==> flow/design.v <==
module gen_mul_v2_half_mul #(parameter N = 4) (
   input wire [N-1:0] a,
   input wire [N-1:0] b,
   output wire [2*N-1:0] p
);
   assign p = a * b;
endmodule
module gen_mul_v2 #(
   parameter BITS = 4
) (
   input  wire core_clk,
   input  wire [BITS-1:0] i_in0,
   input  wire [BITS-1:0] i_in1,
   output reg [2*BITS-1:0] o_q
);
   localparam LW = BITS / 2;
   wire [BITS-1:0] ll;
   gen_mul_v2_half_mul #(.N(LW)) el (.a(i_in0[LW-1:0]), .b(i_in1[LW-1:0]), .p(ll));
   wire [BITS-1:0] lh;
   gen_mul_v2_half_mul #(.N(LW)) unit (.a(i_in0[LW-1:0]), .b(i_in1[BITS-1:LW]), .p(lh));
   wire [BITS-1:0] hl;
   gen_mul_v2_half_mul #(.N(LW)) u (.a(i_in0[BITS-1:LW]), .b(i_in1[LW-1:0]), .p(hl));
   wire [BITS-1:0] hh;
   gen_mul_v2_half_mul #(.N(LW)) u0 (.a(i_in0[BITS-1:LW]), .b(i_in1[BITS-1:LW]), .p(hh));
   wire [BITS:0] aux = lh + hl;
   always @(posedge core_clk) begin
      o_q <= {hh, ll} + {aux, {LW{1'b0}}};
   end
endmodule
; ---- Reports on gen_mul_v2
; A sweep over "BITS": the same steps for each member of the family.
; The file above is the member BITS = 4. Line numbers count from 1 in each member's own file.
; Operators: Yosys type, input widths -> output width; for muxes data width and select width s.
; Library cell names are shortened.
; The mark n/a stands for no value.
[setup]
top = gen_mul_v2
clk_port = core_clk
library = sky130hd
lib_corner = tt_025C_1v80

; ---- Members of the sweep
; Lines of each other member's file that are new or changed against the file above; lines that a member lacks are not shown.
[src_changes]
columns = BITS, line
row1 = 6, 9  ; parameter BITS = 6
row2 = 22, 9  ; parameter BITS = 22
row3 = 24, 9  ; parameter BITS = 24

; ---- After elaboration
; Counts by Yosys on the flattened word-level netlist (proc, flatten, opt, wreduce; memories kept). Register bits leave out memories and registers merged into their read ports (data or address); mux counts leave out enables and synchronous resets folded into registers. Print and check cells are left out. Cells with the same type and inputs are merged into one.
[word_totals]
columns = BITS, ramBits, mem_count, wordCells, ff_bits, latch_bits, clocked_rd_ports_x_width, rom_bits
row1 = 4, 0, 0, 7, 8, 0, 0, 0
row2 = 6, 0, 0, 7, 12, 0, 0, 0
row3 = 22, 0, 0, 7, 44, 0, 0, 0
row4 = 24, 0, 0, 7, 48, 0, 0, 0
[op_classes]
columns = BITS, reduce_and_logical, equal, n_logic, n_mux, n_addsub, div_mod_pow, shifts, mul, compare
row1 = 4, 0, 0, 0, 0, 2, 0, 0, 4, 0
row2 = 6, 0, 0, 0, 0, 2, 0, 0, 4, 0
row3 = 22, 0, 0, 0, 0, 2, 0, 0, 4, 0
row4 = 24, 0, 0, 0, 0, 2, 0, 0, 4, 0
[ops]
columns = BITS, operators
row1 = 4, $mul 2x2->4: 4; $add 8x7->8: 1; $add 4x4->5: 1
row2 = 6, $mul 3x3->6: 4; $add 12x10->12: 1; $add 6x6->7: 1
row3 = 22, $mul 11x11->22: 4; $add 44x34->44: 1; $add 22x22->23: 1
row4 = 24, $mul 12x12->24: 4; $add 48x37->48: 1; $add 24x24->25: 1

; ---- Logic depth
; Longest topological path by Yosys (ltp), each cell counted once; first at word level (registers and memories cut), then after technology mapping (sequential cells cut; the memories' decode and read muxes count).
[logic_depth]
columns = BITS, word_depth, ABC_AREA, ltp_mapped, depth_no_buf
row1 = 4, 3, 0, 12, 12
row2 = 6, 3, 0, 17, 17
row3 = 22, 3, 0, 34, 33
row4 = 24, 3, 0, 34, 33

; ---- After synthesis
; Source: synth_stat.txt of the flow (Yosys; design flattened, memories mapped). It holds for the ABC_AREA given above (unset counts as 0); a run with the other value may have another netlist.
[by_type]
columns = BITS, cell_types
row1 = 4, ha_1: 16; dfxtp_1: 8; fa_1: 4; and2_1: 11; xnor2_1: 5; inv_1: 10; nand2_1: 5; a21oi_1: 3; o21bai_1: 2; a211oi_2: 1; a21o_2: 1; a21oi_2: 1; a21o_1: 1; o21ai_0: 1
row2 = 6, ha_1: 28; fa_1: 14; dfxtp_1: 12; and2_1: 27; inv_1: 24; xnor2_1: 8; a21o_1: 6; nand2_1: 10; a211oi_2: 2; a21oi_1: 5; nand2b_1: 3; nor2_1: 5; xor2_1: 2; mux2i_1: 1; nor3_1: 2; nor4bb_1: 1; o21ai_1: 2; nand2b_2: 1; (+6)
row3 = 22, fa_1: 360; ha_1: 255; inv_1: 449; and2_1: 247; nand2_1: 267; dfxtp_1: 44; xnor2_1: 64; clkbuf_1: 88; a21oi_1: 44; xor2_1: 19; a21o_1: 21; nor2_1: 33; o21ai_0: 24; o21bai_1: 15; o21a_1: 14; a211oi_1: 9; nor3_1: 13; nand3_1: 12; (+84)
row4 = 24, fa_1: 444; ha_1: 258; inv_1: 556; and2_1: 253; nand2_1: 350; dfxtp_1: 48; xnor2_1: 65; clkbuf_1: 97; a21oi_1: 57; nor2_1: 52; o21ai_0: 36; xor2_1: 20; a21o_1: 23; o21a_1: 14; nor2b_1: 14; o21bai_1: 11; nand2b_1: 13; nor3_1: 13; (+101)
; The mark (+n) counts cells that are not listed.
[synth_totals]
columns = BITS, seqArea_mm2, buffers, mapped_area_mm2, flip_flops, stdcells
row1 = 4, 0.0001602, 0, 0.0006819, 8, 69
row2 = 6, 0.0002402, 0, 0.0014752, 12, 159
row3 = 22, 0.0008808, 90, 0.0182475, 44, 2062
row4 = 24, 0.0009609, 97, 0.0212654, 48, 2425
; By module: a second synthesis without flattening, with its own total; a netlist apart from the flattened one above.
[hier_totals]
columns = BITS, hier_cells, hier_area_mm2
row1 = 4, 66, 0.0006719
row2 = 6, 165, 0.0015114
row3 = 22, 2280, 0.0195425
row4 = 24, 2751, 0.0228319

; ---- Timing after synthesis
; OpenSTA on the mapped netlist: ideal clock, no wires. The path of least setup slack (recovery checks aside). Input and output delay are each 20% of the period. Register names are those of the netlist, which keeps one name where synthesis merged equal registers.
[synth_timing]
columns = BITS, path_type, from, to, slack_ns, path_stages, delay_ns, tclk_ns, period_less_setup_slack_ns
row1 = 4, input -> register, input port i_in0[2], register o_q[7], 0.608, 11, 2.448, 3.82, 3.212
row2 = 6, input -> register, input port i_in0[0], register o_q[10], 0.878, 15, 3.506, 5.48, 4.602
row3 = 22, input -> register, input port i_in0[9], register o_q[43], 1.801, 31, 7.319, 11.4, 9.599
row4 = 24, input -> register, input port i_in0[9], register o_q[45], 1.929, 32, 7.751, 12.1, 10.171
; "delay_ns" is the arrival time less input delay plus setup time.
; "path_stages": output pins that drive a net of the path, with the launching flip-flop's if there is one; two outputs of one cell count as two.
; "period_less_setup_slack_ns" = period - worst setup slack (recovery checks aside). The figure is calculated, with input and output delays left at 20% of the set period.
; The rows between start and end are the longest chain of elaborated cells between them; the timing report does not say that the signal goes this way. Where chains are equally long, one stands for them.
; Each line given opens the expression or statement behind the cell; cells for indexed reads and writes are added by Yosys, which also makes memories of some case tables.
[synth_via_BITS_4]
elab_chain_len = 3
[synth_rtl_BITS_4]
columns = element, line
row1 = start: declaration, 12  ; input  wire [BITS-1:0] i_in0,
row2 = $mul 2x2->4, 6  ; assign p = a * b;
row3 = $add 4x4->5, 25  ; wire [BITS:0] aux = lh + hl;
row4 = $add 8x7->8, 27  ; o_q <= {hh, ll} + {aux, {LW{1'b0}}};
row5 = end: assignment, 27
row6 = end: declaration, 14  ; output reg [2*BITS-1:0] o_q
[synth_via_BITS_24]
elab_chain_len = 3
[synth_rtl_BITS_24]
columns = element, line
row1 = start: declaration, 12  ; input  wire [BITS-1:0] i_in0,
row2 = $mul 12x12->24, 6  ; assign p = a * b;
row3 = $add 24x24->25, 25  ; wire [BITS:0] aux = lh + hl;
row4 = $add 48x37->48, 27  ; o_q <= {hh, ll} + {aux, {LW{1'b0}}};
row5 = end: assignment, 27
row6 = end: declaration, 14  ; output reg [2*BITS-1:0] o_q

; ---- Timing after layout
; From the final timing report of each member's run: the path of least setup slack in the routed layout; clock arrival at registers is part of the times.
[layout_timing]
columns = BITS, path_type, from, to, slack_ns, tclk_ns, path_stages, n_path_buf, t_arrival_ns
row1 = 4, input -> register, input port i_in1[0], register o_q[7], 0.26, 3.82, 12, 1, 3.74
row2 = 6, input -> register, input port i_in0[1], register o_q[10], 0.29, 5.48, 16, 1, 5.31
row3 = 22, input -> register, input port i_in0[4], register o_q[41], 0.72, 11.4, 33, 1, 10.88
row4 = 24, input -> register, input port i_in0[14], register o_q[42], 0.83, 12.1, 29, 2, 11.50

; ---- Flow runs
; One run of the flow (Yosys, OpenROAD) for each member, with settings and measured results. Input and output delays are each 20% of the period that was set; the output load is 0.01 pF.
[settings]
CAP_MARGIN = 20
CORE_MARGIN = 2
CORE_UTILIZATION = 40
SLEW_MARGIN = 20
[settings_diff]
columns = BITS, period_ns
row1 = 4, 3.82
row2 = 6, 5.48
row3 = 22, 11.4
row4 = 24, 12.1
[measured]
columns = BITS, post_synth_area_mm2, worst_setup_slack_ns, hold_ws_ns, tns_setup_ns, design.die.area_mm2, utilization_pct
row1 = 4, 0.0006819, 0.264, 1.159, 0.000, 0.0020512, 59.1
row2 = 6, 0.0014752, 0.293, 1.593, 0.000, 0.00419, 51.8
row3 = 22, 0.0182475, 0.721, 3.074, 0.000, 0.0473432, 44.5
row4 = 24, 0.0212654, 0.832, 3.063, 0.000, 0.0550231, 44.4
